==> flow/design.v <==
module full_adder (
    input wire a,
    input wire b,
    input wire ci,
    output wire s,
    output wire co
);
    assign {co, s} = a + b + ci;
endmodule
module sync_add_core_rtl #(
    parameter DW = 16
) (
    input  ck,
    input  [DW-1:0] u,
    input  [DW-1:0] v,
    input  cy_in,
    output reg [DW-1:0] result,
    output reg ovf
);
    wire [DW-1:0] val;
    wire [DW:0] cy;
    assign cy[0] = cy_in;
    genvar i;
    generate
        for (i = 0; i < DW; i = i + 1) begin : stage
            full_adder u0 (.a(u[i]), .b(v[i]), .ci(cy[i]), .s(val[i]), .co(cy[i+1]));
        end
    endgenerate
    always @(posedge ck) begin
        result <= val;
        ovf <= cy[DW];
    end
endmodule
==> Reports on sync_add_core_rtl <==
What the tools print for sync_add_core_rtl, step after step.
Lines are those of the file above, counted from 1.
Operators: Yosys type, input widths -> output width; for muxes data width and select width s.
Library cell names are shortened.
{ "design": {"top": "sync_add_core_rtl", "clock": "ck", "cell_library": "sky130hd", "lib_corner": "tt_025C_1v80"} }

==> Elaborated design <==
Source: Yosys, flattened and elaborated, memories not mapped. Widths are those after wreduce; folded enables and synchronous resets count as part of the registers. Registers that Yosys merges into a memory's read port (data or address) are not register bits. Print and check cells do not count. Equal cells are merged and count once.
{ "classes": {"addsub": 32} }
{ "op_table": {"columns": ["operator", "count"], "rows": [
  ["$add 1x1->2", 16],
  ["$add 2x1->2", 16]
]} }
{ "bits": {"regBits": 17, "input_bits": 34, "elab_cells": 34} }

==> Depth <==
Depth = most cells in a row (Yosys ltp): at word level without a register or memory, in the mapped netlist without a sequential cell, where the memories' decode and read muxes count.
{ "logic_depth": {"ltp_word": 17, "abc_area": 0, "ltp_mapped": 20} }

==> Synthesis result <==
Yosys stat after the flow's synthesis: flattened, memories mapped to cells. It holds for the ABC_AREA given above (unset counts as 0); a run with the other value may have another netlist.
The area totals of this step are shown rounded.
{ "synth_totals": {"stdcells": 43, "yosys_area_um2": 698, "seq_area_um2": 340, "ff_cells": 17, "buf_cells": 0} }
{ "by_type": {"columns": ["cell", "count"], "rows": [
  ["dfxtp_1", 17],
  ["fa_1", 16],
  ["inv_1", 10]
]} }
The figures by module come from a second, unflattened synthesis with its own total; it is not the netlist above.
{ "unflattened": {"hier_cells": 33, "area_unflattened_um2": 661} }
Each row is one instance without its submodules.
{ "modules": {"columns": ["mod", "n_inst", "n_cells", "mod_area_um2", "mod_seq_area_um2"], "rows": [
  ["sync_add_core_rtl", 1, 17, 340, 340],
  ["full_adder", 16, 1, 20.0, 0.0]
]} }

==> Timing after synthesis <==
OpenSTA on the mapped netlist: ideal clock, no wires. The path of least setup slack (recovery checks aside). Input and output delay are each 20% of the period. Register names are those of the netlist, which keeps one name where synthesis merged equal registers.
{ "synth_timing": {"path_type": "input to register", "from": "in u[0]", "to": "reg result[15]", "tclk_ps": 9540, "in_delay_ps": 1908, "t_arrival_ps": 7956, "slack_ps": 1527, "delay_ps": 6105, "stages": 20, "period_less_setup_slack_ps": 8013} }
"delay_ps" is the arrival time less input delay plus setup time.
"stages" counts driving pins, that of a launching flip-flop among them; a cell with two outputs on the path counts twice.
"period_less_setup_slack_ps" = period - worst setup slack (recovery checks aside). The figure is calculated, with input and output delays left at 20% of the set period.
Between the ends stands the longest chain of elaborated cells between them, by number of cells; it is not shown to be the way that was timed. Of several equally long chains one is given.
A line is the first line of the expression or statement that the cell stems from. Yosys adds cells for indexed reads and writes and turns some case tables into memories.
{ "synth_via": {"cell_sequence": "inv_1 > fa_1 > inv_1 > fa_1 > fa_1 > fa_1 > fa_1 > fa_1 > fa_1 > fa_1 > fa_1 > fa_1 > fa_1 > fa_1 > fa_1 > fa_1 > fa_1 > inv_1 > fa_1 > inv_1", "elab_chain_cells": 17, "cells_between": 17, "cone_lines": 1, "cone_classes": "add/sub (17)"} }
{ "synth_lines": {"columns": ["element", "line", "source"], "rows": [
  ["from (decl)", 14, "input  [DW-1:0] u,"],
  ["$add 1x1->2", 8, "assign {co, s} = a + b + ci;"],
  ["$add 2x1->2 (16 in a row)", 8, null],
  ["to (assign)", 30, "result <= val;"],
  ["to (decl)", 17, "output reg [DW-1:0] result,"]
]} }

==> Worst path after layout <==
Path of least setup slack in the final report of run 1 (OpenROAD, finished layout, wires in). Where an end is a register, its clock arrival counts in the times.
The report prints the path's times to 10 ps; the period is as set.
{ "layout_timing": {"path_type": "input to register", "from": "in u[0]", "to": "reg result[15]", "tclk_ps": 12500, "in_delay_ps": 2500, "t_arrival_ps": 9190, "slack_ps": 3540, "stages": 21} }
Between the ends stands the longest chain of elaborated cells between them, by number of cells; it is not shown to be the way that was timed. Of several equally long chains one is given.
{ "layout_via": {"cell_sequence": "clkdlybuf4s50_1 > inv_1 > fa_1 > inv_1 > fa_1 > fa_1 > fa_1 > fa_1 > fa_1 > fa_1 > fa_1 > fa_1 > fa_1 > fa_1 > fa_1 > fa_1 > fa_1 > fa_1 > inv_1 > fa_1 > inv_1", "elab_chain_cells": 17, "cells_between": 17, "cone_lines": 1, "cone_classes": "add/sub (17)"} }
{ "layout_lines": {"columns": ["element", "line", "source"], "rows": [
  ["from (decl)", 14, "input  [DW-1:0] u,"],
  ["$add 1x1->2", 8, "assign {co, s} = a + b + ci;"],
  ["$add 2x1->2 (16 in a row)", 8, null],
  ["to (assign)", 30, "result <= val;"],
  ["to (decl)", 17, "output reg [DW-1:0] result,"]
]} }

Subject: flow runs of sync_add_core_rtl

Hi,

3 stored runs of sync_add_core_rtl in the flow (synthesis by Yosys, layout by OpenROAD, sky130hd cells), in arbitrary order. Constraints: input delay and output delay 20% of the set period each, output load 0.01 pF.
"period_reached_ps" is the run's clock period less its worst setup slack. It is reckoned from that one timing run; input and output delays stay at 20% of the period that was set.
"worst_setup_path_time_ps": the worst setup path's part of the clock period (all of it between registers, 20% less for each end at a port) less its slack. A launch clock that arrives late makes it longer, a capture clock that arrives late makes it shorter.
"worst_setup_path_time_ps" is given in steps of 10 ps.
The measured numbers are rounded.

Run 1
==> flow/run.sh <==
#!/bin/bash
# the make line also repeats the synthesis and layout settings of config.mk as NAME=value (left out here)
make -C /OpenROAD-flow-scripts/flow DESIGN_CONFIG=/design/flow/config.mk WORK_HOME=/design/flow/orfs CLKGATE_MAP_FILE= finish
==> flow/config.mk <==
export PLATFORM = sky130hd
export DESIGN_NAME = sync_add_core_rtl
export DESIGN_NICKNAME = sync_add_core_rtl
export VERILOG_FILES = /design/flow/design.v
export SDC_FILE = /design/flow/constraint.sdc
export NUM_CORES = 4
export LEC_CHECK = 0
export CAP_MARGIN = 20
export CORE_MARGIN = 2
export CORE_UTILIZATION = 38
export CTS_CLUSTER_SIZE = 28
export GPL_TIMING_DRIVEN = 0
export MAX_ROUTING_LAYER = met4
export MIN_ROUTING_LAYER = met2
export PLACE_DENSITY_LB_ADDON = 0.04
export SETUP_SLACK_MARGIN = 0.8
export SLEW_MARGIN = 20
==> flow/constraint.sdc <==
create_clock -name core_clock -period 12.5 [get_ports {ck}]
set_input_delay 2.5000 -clock core_clock [delete_from_list [all_inputs] [get_ports {ck}]]
set_output_delay 2.5000 -clock core_clock [all_outputs]
set_load 0.01 [all_outputs]

==> results of run 1, as JSON <==
{
  "yosys.chip_area_um2": 698,
  "dieArea_um2": 2200,
  "finish.utilization_pct": 72.8,
  "setup_ws_ps": 3540,
  "setupTns_ps": 0,
  "timing.hold.ws_ps": 2870,
  "period_reached_ps": 8957,
  "worst_setup_path_time_ps": 6460,
  "worst_path_kind": "input to register"
}

Run 2
==> flow/run.sh <==
#!/bin/bash
# the make line also repeats the synthesis and layout settings of config.mk as NAME=value (left out here)
make -C /OpenROAD-flow-scripts/flow DESIGN_CONFIG=/design/flow/config.mk WORK_HOME=/design/flow/orfs CLKGATE_MAP_FILE= finish
==> flow/config.mk <==
export PLATFORM = sky130hd
export DESIGN_NAME = sync_add_core_rtl
export DESIGN_NICKNAME = sync_add_core_rtl
export VERILOG_FILES = /design/flow/design.v
export SDC_FILE = /design/flow/constraint.sdc
export NUM_CORES = 4
export LEC_CHECK = 0
export CAP_MARGIN = 20
export CORE_MARGIN = 2
export CORE_UTILIZATION = 40
export SLEW_MARGIN = 20
==> flow/constraint.sdc <==
create_clock -name core_clock -period 9.54 [get_ports {ck}]
set_input_delay 1.9080 -clock core_clock [delete_from_list [all_inputs] [get_ports {ck}]]
set_output_delay 1.9080 -clock core_clock [all_outputs]
set_load 0.01 [all_outputs]

==> results of run 2, as JSON <==
{
  "yosys.chip_area_um2": 698,
  "dieArea_um2": 2100,
  "finish.utilization_pct": 73.9,
  "setup_ws_ps": 1180,
  "setupTns_ps": 0,
  "timing.hold.ws_ps": 2290,
  "period_reached_ps": 8363,
  "worst_setup_path_time_ps": 6460,
  "worst_path_kind": "input to register"
}

Run 3
==> flow/run.sh <==
#!/bin/bash
# the make line also repeats the synthesis and layout settings of config.mk as NAME=value (left out here)
make -C /OpenROAD-flow-scripts/flow DESIGN_CONFIG=/design/flow/config.mk WORK_HOME=/design/flow/orfs CLKGATE_MAP_FILE= finish
==> flow/config.mk <==
export PLATFORM = sky130hd
export DESIGN_NAME = sync_add_core_rtl
export DESIGN_NICKNAME = sync_add_core_rtl
export VERILOG_FILES = /design/flow/design.v
export SDC_FILE = /design/flow/constraint.sdc
export NUM_CORES = 4
export LEC_CHECK = 0
export ABC_AREA = 1
export CAP_MARGIN = 20
export CELL_PAD_IN_SITES_DETAIL_PLACEMENT = 1
export CORE_ASPECT_RATIO = 0.53
export CORE_MARGIN = 2
export CORE_UTILIZATION = 55
export GPL_ROUTABILITY_DRIVEN = 0
export MAX_ROUTING_LAYER = met5
export PLACE_DENSITY_LB_ADDON = 0.2
export SLEW_MARGIN = 20
export TNS_END_PERCENT = 90
==> flow/constraint.sdc <==
create_clock -name core_clock -period 7.6 [get_ports {ck}]
set_input_delay 1.5200 -clock core_clock [delete_from_list [all_inputs] [get_ports {ck}]]
set_output_delay 1.5200 -clock core_clock [all_outputs]
set_load 0.01 [all_outputs]

==> results of run 3, as JSON <==
{
  "outcome": "no final report: floorplanning broke off with PDN-0185"
}

Regards
